==> flow/design.v <==
module u_switch #(
  parameter integer DATA_WIDTH = 10
) (
  input  wire aclk,
  input  wire rst,
  input  wire [DATA_WIDTH-1:0] i_d_0,
  input  wire [DATA_WIDTH-1:0] i_d_1,
  input  wire [DATA_WIDTH-1:0] i_d_2,
  input  wire [DATA_WIDTH-1:0] i_d_3,
  input  wire [2:0] i_idx,
  output wire [DATA_WIDTH-1:0] o_data_out
);
  reg [DATA_WIDTH-1:0] d_0_q;
  reg [DATA_WIDTH-1:0] d_1_q;
  reg [DATA_WIDTH-1:0] d_2_q;
  reg [DATA_WIDTH-1:0] d_3_q;
  reg [2:0] idx_q;
  reg [DATA_WIDTH-1:0] tmp;
  always @(*) begin
    casez (idx_q)
      3'b??1: tmp = d_0_q;
      3'b?10: tmp = d_1_q;
      3'b100: tmp = d_2_q;
      default: tmp = d_3_q;
    endcase
  end
  assign o_data_out = tmp;
  always @(posedge aclk) begin
    if (rst) begin
      d_0_q <= 0;
      d_1_q <= 0;
      d_2_q <= 0;
      d_3_q <= 0;
      idx_q <= 0;
    end else begin
      d_0_q <= i_d_0;
      d_1_q <= i_d_1;
      d_2_q <= i_d_2;
      d_3_q <= i_d_3;
      idx_q <= i_idx;
    end
  end
endmodule
Subject: tool reports on u_switch

Hi,

Tool chain data of u_switch
Module u_switch in several versions that differ in "inputs"; each step lists the members.
The file above is the member inputs 4. Line numbers count from 1 in each member's own file.
Operators: Yosys type, input widths -> output width; for muxes data width and select width s.
Library cell names are shortened.
{"block": "inputs", "top_module": "u_switch", "clock": "aclk", "library": "sky130hd", "corner": "tt_025C_1v80"}

Source of the members
Lines of each other member's file that are new or changed against the file above; lines that a member lacks are not shown.
{"block": "src_changes", "inputs": 12, "line_no": 10, "rtl": "input wire [DATA_WIDTH-1:0] i_d_4,"}
{"block": "src_changes", "inputs": 12, "line_no": 11, "rtl": "input wire [DATA_WIDTH-1:0] i_d_5,"}
{"block": "src_changes", "inputs": 12, "line_no": 12, "rtl": "input wire [DATA_WIDTH-1:0] i_d_6,"}
{"block": "src_changes", "inputs": 12, "line_no": 13, "rtl": "input wire [DATA_WIDTH-1:0] i_d_7,"}
{"block": "src_changes", "inputs": 12, "line_no": 14, "rtl": "input wire [DATA_WIDTH-1:0] i_d_8,"}
{"block": "src_changes", "inputs": 12, "line_no": 15, "rtl": "input wire [DATA_WIDTH-1:0] i_d_9,"}
{"block": "src_changes", "inputs": 12, "line_no": 16, "rtl": "input wire [DATA_WIDTH-1:0] i_d_10,"}
{"block": "src_changes", "inputs": 12, "line_no": 17, "rtl": "input wire [DATA_WIDTH-1:0] i_d_11,"}
{"block": "src_changes", "inputs": 12, "line_no": 18, "rtl": "input wire [10:0] i_idx,"}
{"block": "src_changes", "inputs": 12, "line_no": 25, "rtl": "reg [DATA_WIDTH-1:0] d_4_q;"}
{"block": "src_changes", "inputs": 12, "line_no": 26, "rtl": "reg [DATA_WIDTH-1:0] d_5_q;"}
{"block": "src_changes", "inputs": 12, "line_no": 27, "rtl": "reg [DATA_WIDTH-1:0] d_6_q;"}
{"block": "src_changes", "inputs": 12, "line_no": 28, "rtl": "reg [DATA_WIDTH-1:0] d_7_q;"}
{"block": "src_changes", "inputs": 12, "line_no": 29, "rtl": "reg [DATA_WIDTH-1:0] d_8_q;"}
{"block": "src_changes", "inputs": 12, "line_no": 30, "rtl": "reg [DATA_WIDTH-1:0] d_9_q;"}
{"block": "src_changes", "inputs": 12, "line_no": 31, "rtl": "reg [DATA_WIDTH-1:0] d_10_q;"}
{"block": "src_changes", "inputs": 12, "line_no": 32, "rtl": "reg [DATA_WIDTH-1:0] d_11_q;"}
{"block": "src_changes", "inputs": 12, "line_no": 33, "rtl": "reg [10:0] idx_q;"}
{"block": "src_changes", "inputs": 12, "line_no": 37, "rtl": "11'b??????????1: tmp = d_0_q;"}
{"block": "src_changes", "inputs": 12, "line_no": 38, "rtl": "11'b?????????10: tmp = d_1_q;"}
{"block": "src_changes", "inputs": 12, "line_no": 39, "rtl": "11'b????????100: tmp = d_2_q;"}
{"block": "src_changes", "inputs": 12, "line_no": 40, "rtl": "11'b???????1000: tmp = d_3_q;"}
{"block": "src_changes", "inputs": 12, "line_no": 41, "rtl": "11'b??????10000: tmp = d_4_q;"}
{"block": "src_changes", "inputs": 12, "line_no": 42, "rtl": "11'b?????100000: tmp = d_5_q;"}
{"block": "src_changes", "inputs": 12, "line_no": 43, "rtl": "11'b????1000000: tmp = d_6_q;"}
{"block": "src_changes", "inputs": 12, "line_no": 44, "rtl": "11'b???10000000: tmp = d_7_q;"}
{"block": "src_changes", "inputs": 12, "line_no": 45, "rtl": "11'b??100000000: tmp = d_8_q;"}
{"block": "src_changes", "inputs": 12, "line_no": 46, "rtl": "11'b?1000000000: tmp = d_9_q;"}
{"block": "src_changes", "inputs": 12, "line_no": 47, "rtl": "11'b10000000000: tmp = d_10_q;"}
{"block": "src_changes", "inputs": 12, "line_no": 48, "rtl": "default: tmp = d_11_q;"}
{"block": "src_changes", "inputs": 12, "line_no": 58, "rtl": "d_4_q <= 0;"}
{"block": "src_changes", "inputs": 12, "line_no": 59, "rtl": "d_5_q <= 0;"}
{"block": "src_changes", "inputs": 12, "line_no": 60, "rtl": "d_6_q <= 0;"}
{"block": "src_changes", "inputs": 12, "line_no": 61, "rtl": "d_7_q <= 0;"}
{"block": "src_changes", "inputs": 12, "line_no": 62, "rtl": "d_8_q <= 0;"}
{"block": "src_changes", "inputs": 12, "line_no": 63, "rtl": "d_9_q <= 0;"}
{"block": "src_changes", "inputs": 12, "line_no": 64, "rtl": "d_10_q <= 0;"}
{"block": "src_changes", "inputs": 12, "line_no": 65, "rtl": "d_11_q <= 0;"}
{"block": "src_changes", "inputs": 12, "line_no": 72, "rtl": "d_4_q <= i_d_4;"}
{"block": "src_changes", "inputs": 12, "line_no": 73, "rtl": "d_5_q <= i_d_5;"}
{"block": "src_changes", "inputs": 12, "line_no": 74, "rtl": "d_6_q <= i_d_6;"}
{"block": "src_changes", "inputs": 12, "line_no": 75, "rtl": "d_7_q <= i_d_7;"}
{"block": "src_changes", "inputs": 12, "line_no": 76, "rtl": "d_8_q <= i_d_8;"}
{"block": "src_changes", "inputs": 12, "line_no": 77, "rtl": "d_9_q <= i_d_9;"}
{"block": "src_changes", "inputs": 12, "line_no": 78, "rtl": "d_10_q <= i_d_10;"}
{"block": "src_changes", "inputs": 12, "line_no": 79, "rtl": "d_11_q <= i_d_11;"}
{"block": "src_changes", "inputs": 16, "line_no": 10, "rtl": "input wire [DATA_WIDTH-1:0] i_d_4,"}
{"block": "src_changes", "inputs": 16, "line_no": 11, "rtl": "input wire [DATA_WIDTH-1:0] i_d_5,"}
{"block": "src_changes", "inputs": 16, "line_no": 12, "rtl": "input wire [DATA_WIDTH-1:0] i_d_6,"}
{"block": "src_changes", "inputs": 16, "line_no": 13, "rtl": "input wire [DATA_WIDTH-1:0] i_d_7,"}
{"block": "src_changes", "inputs": 16, "line_no": 14, "rtl": "input wire [DATA_WIDTH-1:0] i_d_8,"}
{"block": "src_changes", "inputs": 16, "line_no": 15, "rtl": "input wire [DATA_WIDTH-1:0] i_d_9,"}
{"block": "src_changes", "inputs": 16, "line_no": 16, "rtl": "input wire [DATA_WIDTH-1:0] i_d_10,"}
{"block": "src_changes", "inputs": 16, "line_no": 17, "rtl": "input wire [DATA_WIDTH-1:0] i_d_11,"}
{"block": "src_changes", "inputs": 16, "line_no": 18, "rtl": "input wire [DATA_WIDTH-1:0] i_d_12,"}
{"block": "src_changes", "inputs": 16, "line_no": 19, "rtl": "input wire [DATA_WIDTH-1:0] i_d_13,"}
{"block": "src_changes", "inputs": 16, "line_no": 20, "rtl": "input wire [DATA_WIDTH-1:0] i_d_14,"}
{"block": "src_changes", "inputs": 16, "line_no": 21, "rtl": "input wire [DATA_WIDTH-1:0] i_d_15,"}
{"block": "src_changes", "inputs": 16, "line_no": 22, "rtl": "input wire [14:0] i_idx,"}
{"block": "src_changes", "inputs": 16, "line_no": 29, "rtl": "reg [DATA_WIDTH-1:0] d_4_q;"}
{"block": "src_changes", "inputs": 16, "line_no": 30, "rtl": "reg [DATA_WIDTH-1:0] d_5_q;"}
{"block": "src_changes", "inputs": 16, "line_no": 31, "rtl": "reg [DATA_WIDTH-1:0] d_6_q;"}
{"block": "src_changes", "inputs": 16, "line_no": 32, "rtl": "reg [DATA_WIDTH-1:0] d_7_q;"}
{"block": "src_changes", "inputs": 16, "line_no": 33, "rtl": "reg [DATA_WIDTH-1:0] d_8_q;"}
{"block": "src_changes", "inputs": 16, "line_no": 34, "rtl": "reg [DATA_WIDTH-1:0] d_9_q;"}
{"block": "src_changes", "inputs": 16, "line_no": 35, "rtl": "reg [DATA_WIDTH-1:0] d_10_q;"}
{"block": "src_changes", "inputs": 16, "line_no": 36, "rtl": "reg [DATA_WIDTH-1:0] d_11_q;"}
{"block": "src_changes", "inputs": 16, "line_no": 37, "rtl": "reg [DATA_WIDTH-1:0] d_12_q;"}
{"block": "src_changes", "inputs": 16, "line_no": 38, "rtl": "reg [DATA_WIDTH-1:0] d_13_q;"}
{"block": "src_changes", "inputs": 16, "line_no": 39, "rtl": "reg [DATA_WIDTH-1:0] d_14_q;"}
{"block": "src_changes", "inputs": 16, "line_no": 40, "rtl": "reg [DATA_WIDTH-1:0] d_15_q;"}
{"block": "src_changes", "inputs": 16, "line_no": 41, "rtl": "reg [14:0] idx_q;"}
{"block": "src_changes", "inputs": 16, "line_no": 45, "rtl": "15'b??????????????1: tmp = d_0_q;"}
{"block": "src_changes", "inputs": 16, "line_no": 46, "rtl": "15'b?????????????10: tmp = d_1_q;"}
{"block": "src_changes", "inputs": 16, "line_no": 47, "rtl": "15'b????????????100: tmp = d_2_q;"}
{"block": "src_changes", "inputs": 16, "line_no": 48, "rtl": "15'b???????????1000: tmp = d_3_q;"}
{"block": "src_changes", "inputs": 16, "line_no": 49, "rtl": "15'b??????????10000: tmp = d_4_q;"}
{"block": "src_changes", "inputs": 16, "line_no": 50, "rtl": "15'b?????????100000: tmp = d_5_q;"}
{"block": "src_changes", "inputs": 16, "line_no": 51, "rtl": "15'b????????1000000: tmp = d_6_q;"}
{"block": "src_changes", "inputs": 16, "line_no": 52, "rtl": "15'b???????10000000: tmp = d_7_q;"}
{"block": "src_changes", "inputs": 16, "line_no": 53, "rtl": "15'b??????100000000: tmp = d_8_q;"}
{"block": "src_changes", "inputs": 16, "line_no": 54, "rtl": "15'b?????1000000000: tmp = d_9_q;"}
{"block": "src_changes", "inputs": 16, "line_no": 55, "rtl": "15'b????10000000000: tmp = d_10_q;"}
{"block": "src_changes", "inputs": 16, "line_no": 56, "rtl": "15'b???100000000000: tmp = d_11_q;"}
{"block": "src_changes", "inputs": 16, "line_no": 57, "rtl": "15'b??1000000000000: tmp = d_12_q;"}
{"block": "src_changes", "inputs": 16, "line_no": 58, "rtl": "15'b?10000000000000: tmp = d_13_q;"}
{"block": "src_changes", "inputs": 16, "line_no": 59, "rtl": "15'b100000000000000: tmp = d_14_q;"}
{"block": "src_changes", "inputs": 16, "line_no": 60, "rtl": "default: tmp = d_15_q;"}
{"block": "src_changes", "inputs": 16, "line_no": 70, "rtl": "d_4_q <= 0;"}
{"block": "src_changes", "inputs": 16, "line_no": 71, "rtl": "d_5_q <= 0;"}
{"block": "src_changes", "inputs": 16, "line_no": 72, "rtl": "d_6_q <= 0;"}
{"block": "src_changes", "inputs": 16, "line_no": 73, "rtl": "d_7_q <= 0;"}
{"block": "src_changes", "inputs": 16, "line_no": 74, "rtl": "d_8_q <= 0;"}
{"block": "src_changes", "inputs": 16, "line_no": 75, "rtl": "d_9_q <= 0;"}
{"block": "src_changes", "inputs": 16, "line_no": 76, "rtl": "d_10_q <= 0;"}
{"block": "src_changes", "inputs": 16, "line_no": 77, "rtl": "d_11_q <= 0;"}
{"block": "src_changes", "inputs": 16, "line_no": 78, "rtl": "d_12_q <= 0;"}
{"block": "src_changes", "inputs": 16, "line_no": 79, "rtl": "d_13_q <= 0;"}
{"block": "src_changes", "inputs": 16, "line_no": 80, "rtl": "d_14_q <= 0;"}
{"block": "src_changes", "inputs": 16, "line_no": 81, "rtl": "d_15_q <= 0;"}
{"block": "src_changes", "inputs": 16, "line_no": 88, "rtl": "d_4_q <= i_d_4;"}
{"block": "src_changes", "inputs": 16, "line_no": 89, "rtl": "d_5_q <= i_d_5;"}
{"block": "src_changes", "inputs": 16, "line_no": 90, "rtl": "d_6_q <= i_d_6;"}
{"block": "src_changes", "inputs": 16, "line_no": 91, "rtl": "d_7_q <= i_d_7;"}
{"block": "src_changes", "inputs": 16, "line_no": 92, "rtl": "d_8_q <= i_d_8;"}
{"block": "src_changes", "inputs": 16, "line_no": 93, "rtl": "d_9_q <= i_d_9;"}
{"block": "src_changes", "inputs": 16, "line_no": 94, "rtl": "d_10_q <= i_d_10;"}
{"block": "src_changes", "inputs": 16, "line_no": 95, "rtl": "d_11_q <= i_d_11;"}
{"block": "src_changes", "inputs": 16, "line_no": 96, "rtl": "d_12_q <= i_d_12;"}
{"block": "src_changes", "inputs": 16, "line_no": 97, "rtl": "d_13_q <= i_d_13;"}
{"block": "src_changes", "inputs": 16, "line_no": 98, "rtl": "d_14_q <= i_d_14;"}
{"block": "src_changes", "inputs": 16, "line_no": 99, "rtl": "d_15_q <= i_d_15;"}

Elaborated design
Source: Yosys, flattened and elaborated, memories not mapped. Widths are those after wreduce; folded enables and synchronous resets count as part of the registers. Registers that Yosys merges into a memory's read port (data or address) are not register bits. Print and check cells do not count. Equal cells are merged and count once.
{"block": "bits", "inputs": 4, "out_inout_bits": 10, "word_cells": 8, "input_bits": 45, "ff_bits": 43}
{"block": "bits", "inputs": 12, "out_inout_bits": 10, "word_cells": 24, "input_bits": 133, "ff_bits": 131}
{"block": "bits", "inputs": 16, "out_inout_bits": 10, "word_cells": 32, "input_bits": 177, "ff_bits": 175}
{"block": "op_classes", "inputs": 4, "muxes": 1, "n_eq": 2}
{"block": "op_classes", "inputs": 12, "muxes": 1, "n_eq": 10}
{"block": "op_classes", "inputs": 16, "muxes": 1, "n_eq": 14}
{"block": "ops", "inputs": 4, "op_list": "$pmux 10 s3: 1; $eq 3x3->1 const B: 1; $eq 2x2->1 const B: 1"}
{"block": "ops", "inputs": 12, "op_list": "$pmux 10 s11: 1; $eq 11x11->1 const B: 1; $eq 10x10->1 const B: 1; $eq 9x9->1 const B: 1; $eq 8x8->1 const B: 1; $eq 7x7->1 const B: 1; $eq 6x6->1 const B: 1; $eq 5x5->1 const B: 1; $eq 4x4->1 const B: 1; $eq 3x3->1 const B: 1; $eq 2x2->1 const B: 1"}
{"block": "ops", "inputs": 16, "op_list": "$pmux 10 s15: 1; $eq 15x15->1 const B: 1; $eq 14x14->1 const B: 1; $eq 13x13->1 const B: 1; $eq 12x12->1 const B: 1; $eq 11x11->1 const B: 1; $eq 10x10->1 const B: 1; $eq 9x9->1 const B: 1; $eq 8x8->1 const B: 1; $eq 7x7->1 const B: 1; $eq 6x6->1 const B: 1; $eq 5x5->1 const B: 1; $eq 4x4->1 const B: 1; $eq 3x3->1 const B: 1; $eq 2x2->1 const B: 1"}

Longest topological paths
Longest topological path by Yosys (ltp), each cell counted once; first at word level (registers and memories cut), then after technology mapping (sequential cells cut; the memories' decode and read muxes count).
{"block": "depth", "inputs": 4, "depth_word": 2, "ABC_AREA": 0, "depth_mapped": 4, "ltp_nobuf": 3}
{"block": "depth", "inputs": 12, "depth_word": 2, "ABC_AREA": 0, "depth_mapped": 7, "ltp_nobuf": 4}
{"block": "depth", "inputs": 16, "depth_word": 2, "ABC_AREA": 0, "depth_mapped": 7, "ltp_nobuf": 5}

Mapped cells and area
The flow's flattened synthesis, as Yosys stat reports it; memories are mapped. The netlist is that of the ABC_AREA named above (0 if unset); the other value can give another one.
Totals and module areas in this step are rounded.
{"block": "by_type", "inputs": 4, "type_list": "dfxtp_1: 43; nor2b_1: 43; a221o_1: 10; nor2_2: 10; a21oi_1: 10; inv_1: 10; nand2_1: 10; nor2_1: 10; clkbuf_1: 7; buf_6: 2; or3_1: 1; buf_2: 1"}
{"block": "by_type", "inputs": 12, "type_list": "dfxtp_1: 131; nor2b_1: 134; a31oi_1: 18; nand2_1: 30; clkbuf_1: 28; a221o_1: 10; a221oi_1: 10; a32oi_1: 10; nand2b_1: 11; a22oi_1: 9; nand3b_1: 9; or2_0: 9; a21oi_1: 10; o21ai_0: 10; nor3_1: 9; nor3_2: 2; buf_1: 5; nor3b_1: 2; [+11]"}
{"block": "by_type", "inputs": 16, "type_list": "dfxtp_1: 175; nor2b_1: 181; a221oi_1: 19; a22oi_1: 18; clkbuf_1: 31; nand2_1: 30; a21oi_1: 20; o22ai_2: 8; o21ai_0: 18; a2111oi_0: 9; nand3b_1: 10; a21o_1: 9; a31oi_1: 10; nand3_1: 9; inv_1: 10; nor2_1: 10; buf_1: 9; nor4b_2: 2; [+21]"}
The mark [+n] counts cells that are not listed.
{"block": "mapped", "inputs": 4, "stdcells": 157, "synth_area_mm2": 0.001515, "ffs": 43, "buf_cells": 10, "sequential_area_mm2": 0.0008608}
{"block": "mapped", "inputs": 12, "stdcells": 458, "synth_area_mm2": 0.004592, "ffs": 131, "buf_cells": 35, "sequential_area_mm2": 0.002623}
{"block": "mapped", "inputs": 16, "stdcells": 599, "synth_area_mm2": 0.006091, "ffs": 175, "buf_cells": 43, "sequential_area_mm2": 0.003503}

Timing after synthesis
Source: OpenSTA report_checks on the synthesized netlist (no wires, ideal clock, input and output delay 20% of the period each), path of least setup slack; recovery checks are left aside. Register names are those of the netlist, which keeps one name where synthesis merged equal registers.
{"block": "synth_path", "inputs": 4, "kind": "reg-to-output", "start": "register idx_q[1]", "end": "output o_data_out[0]", "tclk_ns": 1.58, "path_stages": 5, "delay_ns": 1.012, "setup_slack_ns": 0.252, "synth_period_reached_ns": 1.328}
{"block": "synth_path", "inputs": 12, "kind": "reg-to-output", "start": "register idx_q[1]", "end": "output o_data_out[0]", "tclk_ns": 2.89, "path_stages": 7, "delay_ns": 1.852, "setup_slack_ns": 0.460, "synth_period_reached_ns": 2.43}
{"block": "synth_path", "inputs": 16, "kind": "reg-to-output", "start": "register idx_q[1]", "end": "output o_data_out[8]", "tclk_ns": 2.98, "path_stages": 8, "delay_ns": 1.909, "setup_slack_ns": 0.475, "synth_period_reached_ns": 2.505}
"delay_ns" is the arrival time less input delay plus setup time.
A path that ends at an output port has no setup time.
"path_stages" counts driving pins, that of a launching flip-flop among them; a cell with two outputs on the path counts twice.
"synth_period_reached_ns" is the clock period less the worst setup slack; recovery checks do not enter. This is arithmetic on one report: input and output delays are still those of the set period (20% each).
Between the ends stands the longest chain of elaborated cells between them, by number of cells; it is not shown to be the way that was timed. Of several equally long chains one is given.
A line is the first line of the expression or statement that the cell stems from. Yosys adds cells for indexed reads and writes and turns some case tables into memories.
{"block": "synth_between_inputs_4", "elab_chain_cells": 2}
{"block": "synth_rtl_inputs_4", "element": "start, declared", "line_no": 17, "rtl": "reg [2:0] idx_q;"}
{"block": "synth_rtl_inputs_4", "element": "start, assigned", "line_no": 34, "rtl": "idx_q <= 0;"}
{"block": "synth_rtl_inputs_4", "element": "start, assigned", "line_no": 40, "rtl": "idx_q <= i_idx;"}
{"block": "synth_rtl_inputs_4", "element": "$eq 3x3->1", "line_no": 20, "rtl": "casez (idx_q)"}
{"block": "synth_rtl_inputs_4", "element": "$pmux 10 s3", "line_no": 20}
{"block": "synth_rtl_inputs_4", "element": "end, declared", "line_no": 11, "rtl": "output wire [DATA_WIDTH-1:0] o_data_out"}
{"block": "synth_between_inputs_16", "elab_chain_cells": 2}
{"block": "synth_rtl_inputs_16", "element": "start, declared", "line_no": 41, "rtl": "reg [14:0] idx_q;"}
{"block": "synth_rtl_inputs_16", "element": "start, assigned", "line_no": 82, "rtl": "idx_q <= 0;"}
{"block": "synth_rtl_inputs_16", "element": "start, assigned", "line_no": 100, "rtl": "idx_q <= i_idx;"}
{"block": "synth_rtl_inputs_16", "element": "$eq 15x15->1", "line_no": 44, "rtl": "casez (idx_q)"}
{"block": "synth_rtl_inputs_16", "element": "$pmux 10 s15", "line_no": 44}
{"block": "synth_rtl_inputs_16", "element": "end, declared", "line_no": 23, "rtl": "output wire [DATA_WIDTH-1:0] o_data_out"}

Timing after layout
From the final timing report of the run of each member: the path of least setup slack in the routed layout; clock arrival at registers is part of the times.
{"block": "layout_path", "inputs": 4, "kind": "reg-to-output", "start": "register idx_q[1]", "end": "output o_data_out[2]", "setup_slack_ns": -0.24, "path_stages": 6, "path_buffers": 3, "arrival_ns": 1.51, "tclk_ns": 1.58}
{"block": "layout_path", "inputs": 12, "kind": "reg-to-output", "start": "register idx_q[3]", "end": "output o_data_out[9]", "setup_slack_ns": -0.16, "path_stages": 7, "path_buffers": 2, "arrival_ns": 2.47, "tclk_ns": 2.89}
{"block": "layout_path", "inputs": 16, "kind": "reg-to-output", "start": "register idx_q[0]", "end": "output o_data_out[4]", "setup_slack_ns": -0.05, "path_stages": 8, "path_buffers": 2, "arrival_ns": 2.43, "tclk_ns": 2.98}

Layout results
One run of the flow (Yosys, OpenROAD) for each member, with settings and measured results. Input and output delays are each 20% of the period that was set; the output load is 0.01 pF.
{"block": "settings", "CAP_MARGIN": 20, "CORE_MARGIN": 2, "CORE_UTILIZATION": 40, "SLEW_MARGIN": 20}
{"block": "settings_by_member", "inputs": 4, "period_ns": 1.58}
{"block": "settings_by_member", "inputs": 12, "period_ns": 2.89}
{"block": "settings_by_member", "inputs": 16, "period_ns": 2.98}
{"block": "measured", "inputs": 4, "setupTns_ns": -2.067, "achieved_clock_period_ns": 1.822, "hold_worst_slack_ns": 0.573, "power.total_uw": 2393, "fin_ws_ns": -0.242, "yosys_chip_area_mm2": 0.001515, "die_area_mm2": 0.004296, "layout_stdcell_area_mm2": 0.002337}
{"block": "measured", "inputs": 12, "setupTns_ns": -0.916, "achieved_clock_period_ns": 3.047, "hold_worst_slack_ns": 0.651, "power.total_uw": 4568, "fin_ws_ns": -0.157, "yosys_chip_area_mm2": 0.004592, "die_area_mm2": 0.01235, "layout_stdcell_area_mm2": 0.006845}
{"block": "measured", "inputs": 16, "setupTns_ns": -0.217, "achieved_clock_period_ns": 3.026, "hold_worst_slack_ns": 0.702, "power.total_uw": 5606, "fin_ws_ns": -0.046, "yosys_chip_area_mm2": 0.006091, "die_area_mm2": 0.01623, "layout_stdcell_area_mm2": 0.009131}
"achieved_clock_period_ns" means the clock period less the worst setup slack. The figure is calculated, with input and output delays left at 20% of the set period.
"power.total_uw" rests on the timing tool's default activity at the inputs, not on a simulated workload.
The measured numbers are rounded.

Regards
